==> flow/design.v <==
module rf_n #(
    parameter NREGS = 24,
    parameter DATA_WIDTH = 4,
    parameter ABITS = $clog2(NREGS)
) (
    input wire clk,
    input wire clr,
    input wire valid,
    input wire wr,
    input wire [ABITS-1:0] wr_idx,
    input wire [DATA_WIDTH-1:0] write_data,
    input wire [ABITS-1:0] rsel1,
    input wire [ABITS-1:0] rsel2,
    output wire [DATA_WIDTH-1:0] read_data1,
    output wire [DATA_WIDTH-1:0] read_data2
);
    reg wr_d1;
    always @(posedge clk) begin
        if (clr) begin
            wr_d1 <= 1'b0;
        end else if (valid) begin
            wr_d1 <= wr;
        end
    end
    reg [ABITS-1:0] wr_idx_d1;
    always @(posedge clk) begin
        if (clr) begin
            wr_idx_d1 <= 0;
        end else if (valid) begin
            wr_idx_d1 <= wr_idx;
        end
    end
    reg [DATA_WIDTH-1:0] write_data_d1;
    always @(posedge clk) begin
        if (clr) begin
            write_data_d1 <= 0;
        end else if (valid) begin
            write_data_d1 <= write_data;
        end
    end
    reg [DATA_WIDTH-1:0] regs [NREGS-1:0];
    always @(posedge clk) begin
        if (valid && wr_d1 && wr_idx_d1 != 0)
            regs[wr_idx_d1] <= write_data_d1;
    end
    reg [ABITS-1:0] rsel1_d1;
    always @(posedge clk) begin
        if (clr) begin
            rsel1_d1 <= 0;
        end else if (valid) begin
            rsel1_d1 <= rsel1;
        end
    end
    reg [ABITS-1:0] rsel2_d1;
    always @(posedge clk) begin
        if (clr) begin
            rsel2_d1 <= 0;
        end else if (valid) begin
            rsel2_d1 <= rsel2;
        end
    end
    assign read_data1 = (rsel1_d1 == 0) ? {DATA_WIDTH{1'b0}} : regs[rsel1_d1];
    assign read_data2 = (rsel2_d1 == 0) ? {DATA_WIDTH{1'b0}} : regs[rsel2_d1];
endmodule
-- Reports on rf_n
The steps from the RTL of rf_n to its reports follow in flow order.
Lines are those of the file above, counted from 1.
Operators: Yosys type, input widths -> output width; for muxes data width and select width s.
Library cell names are shortened.
A cell with -- has no value.
- design top: rf_n
- clock: clk
- cell library: sky130hd
- library corner: tt_025C_1v80

-- Word-level counts
Counts by Yosys on the flattened word-level netlist (proc, flatten, opt, wreduce; memories kept). Print and check cells are left out. Cells with the same type and inputs are merged into one.
Memory sizes are those after Yosys's memory passes, which may raise the word count (mostly to a power of two), join words into wider ones and drop unused or constant bits.
- register bits: 20
- noted memory bits (writable): 96
- word width x clocked read ports at 8
- noted memory cells: 1
- input bits at 23
- noted output and inout bits: 8
- word-level cells at 20
- multiplexer cells at 9
- reduce/logical cells at 5
- memory list (name ; depth ; bits a word ; read ports ; write ports ; line ; text):
    regs ; 24 ; 4 ; 2 ; 1 ; 41 ; reg [DATA_WIDTH-1:0] regs [NREGS-1:0];
- operators with widths (cell ; number):
    $mux 5 ; 5
    $mux 4 ; 3
    $logic_not 5->1 ; 2
    $reduce_bool 5->1 ; 1
    $logic_and 1x1->1 ; 2
    $mux 1 ; 1

-- Logic depth
Yosys ltp: most cells in a row. Word level: on the elaborated netlist, between registers, memories and ports. Mapped: between sequential cells and ports; inverters and the memories' decode and read muxes count.
- word-level depth at 3
- ABC_AREA at 0
- gate-level depth with buffers at 6
- gate-level depth less buffers: 4

-- After synthesis
Yosys stat after the flow's synthesis: flattened, memories mapped to cells. It holds for the ABC_AREA given above (unset counts as 0); a run with the other value may have another netlist.
- cells by type (cell type ; number ; total area (um^2)):
    edfxtp_1 ; 96 ; 2.88E+03
    mux4_2 ; 30 ; 675.648
    dfxtp_1 ; 30 ; 600.576
    mux4_1 ; 18 ; 472.954
    mux2i_1 ; 24 ; 240.23
    nor2_1 ; 51 ; 191.434
    o22ai_1 ; 16 ; 100.096
    buf_6 ; 6 ; 67.565
    mux2_2 ; 4 ; 45.043
    nand3b_1 ; 5 ; 37.536
    o22a_1 ; 4 ; 35.034
    buf_8 ; 2 ; 30.029
    nor3_1 ; 5 ; 25.024
    nor4_1 ; 4 ; 25.024
    buf_12 ; 1 ; 20.019
    nand2_1 ; 5 ; 18.768
    or2b_2 ; 2 ; 17.517
    or3b_2 ; 2 ; 17.517
Not listed: further types 15, cells in them 19.
- standard cells after synthesis at 324
- mapped area: 5611.6 um^2
- sequential area at 3483.3 um^2
- noted flip-flop cells: 126
- buffers at 18

-- Worst setup path after synthesis
Path of least setup slack by OpenSTA after synthesis, without wires, with an ideal clock, recovery checks aside; 20% of the period is set as input and as output delay. Where synthesis merged equal registers, the netlist keeps one of their names.
- path type: register to output
- start point: register (name not given)
- end point: output read_data2[2]
- clock period: 2.23 ns
- external output delay: 0.446 ns
- time at the first pin at 0.000 ns
- noted data arrival time: 1.426 ns
- noted data required time: 1.784 ns
- path slack: 0.358 ns
- path delay at 1.426 ns
- stages: 7
- path buffers: 3
- period reached after synthesis: 1.872 ns
"path delay" = arrival - input delay + setup time.
A path that ends at an output port has no setup time.
"stages" counts driving pins, that of a launching flip-flop among them; a cell with two outputs on the path counts twice.
"period reached after synthesis" = period - worst setup slack (recovery checks aside). The figure is calculated, with input and output delays left at 20% of the set period.
- cell sequence: dfxtp_1 buf_4 buf_8 buf_6 mux4_2 o22ai_1 nor4_1
- ends and longest elaborated chain, after synthesis (element ; line ; text):
    end: declaration ; 15 ; output wire [DATA_WIDTH-1:0] read_data2
Chain of elaborated cells between the ends: none given.

-- Worst path after layout
From the final timing report of record 1: the path of least setup slack in the routed layout; clock arrival at registers is part of the times.
- path type: register to output
- start point: register (name not given)
- end point: output read_data2[2]
- clock period: 1.52 ns
- external output delay: 0.30 ns
- time at the first pin at 0.53 ns
- noted data arrival time: 2.40 ns
- noted data required time: 1.22 ns
- path slack: -1.18 ns
- stages: 5
- path buffers: 1
- cell sequence: dfxtp_2 nand3b_1 o22ai_2 nor4_4 buf_2
- ends and longest elaborated chain, post-layout (element ; line ; text):
    end: declaration ; 15 ; output wire [DATA_WIDTH-1:0] read_data2
Chain of elaborated cells between the ends: none given.

rf_n through Yosys and OpenROAD on sky130hd: 3 stored runs, unordered, with their settings and measured results. The constraints put input and output delay at 20% of the set period each and load the outputs with 0.01 pF.
"reached clock period" is the run's clock period less its worst setup slack. It is reckoned from that one timing run; input and output delays stay at 20% of the period that was set.
"critical path time" is the time allowed to the run's worst setup path (the clock period less input and output delay, where it has them) less its slack. Clock arrival times count: a late capture clock shortens it, a late launch clock lengthens it.
"total power of the final layout" rests on the timing tool's default activity at the inputs, not on a simulated workload.

Record 1
Settings were period_ns = 1.52; CORE_UTILIZATION = 72; HOLD_SLACK_MARGIN = -0.07; TNS_END_PERCENT = 35; GPL_TIMING_DRIVEN = 0; CTS_CLUSTER_SIZE = 51; MIN_ROUTING_LAYER = met1; CAP_MARGIN = 20; CORE_MARGIN = 2; SLEW_MARGIN = 20
- critical path time: 2.40 ns
- worst path kind: register to output
- post-synthesis cell area at 5611.6 um^2
- overall die area at 8516.5 um^2
- worst-case hold slack: 0.192 ns
- noted the total negative setup slack: -11.074 ns
- final utilization: 0.939
- reached clock period at 2.703 ns
- noted the area of the standard cells in the finished layout: 7180.6 um^2
- worst slack on setup checks: -1.183 ns
- total power of the final layout: 8.790 mW

Record 2
Settings were period_ns = 1.47; CORE_UTILIZATION = 28; SETUP_SLACK_MARGIN = 0.1; PLACE_DENSITY_LB_ADDON = 0.05; CORE_ASPECT_RATIO = 1.44; CORE_MARGIN = 9; TNS_END_PERCENT = 50; CTS_CLUSTER_SIZE = 44; CAP_MARGIN = 10; MIN_ROUTING_LAYER = met2; SLEW_MARGIN = 20
- critical path time: 2.14 ns
- worst path kind: register to output
- post-synthesis cell area at 5611.6 um^2
- overall die area at 25547.0 um^2
- worst-case hold slack: 0.482 ns
- noted the total negative setup slack: -7.385 ns
- final utilization: 0.407
- reached clock period at 2.434 ns
- noted the area of the standard cells in the finished layout: 7948.9 um^2
- worst slack on setup checks: -0.964 ns
- total power of the final layout: 9.375 mW

Record 3
Settings were period_ns = 2.23; CAP_MARGIN = 20; CORE_MARGIN = 2; CORE_UTILIZATION = 40; SLEW_MARGIN = 20
- critical path time: 2.06 ns
- worst path kind: register to output
- post-synthesis cell area at 5611.6 um^2
- overall die area at 14992.8 um^2
- worst-case hold slack: 0.490 ns
- noted the total negative setup slack: -1.825 ns
- final utilization: 0.534
- reached clock period at 2.504 ns
- noted the area of the standard cells in the finished layout: 7357.1 um^2
- worst slack on setup checks: -0.274 ns
- total power of the final layout: 5.975 mW
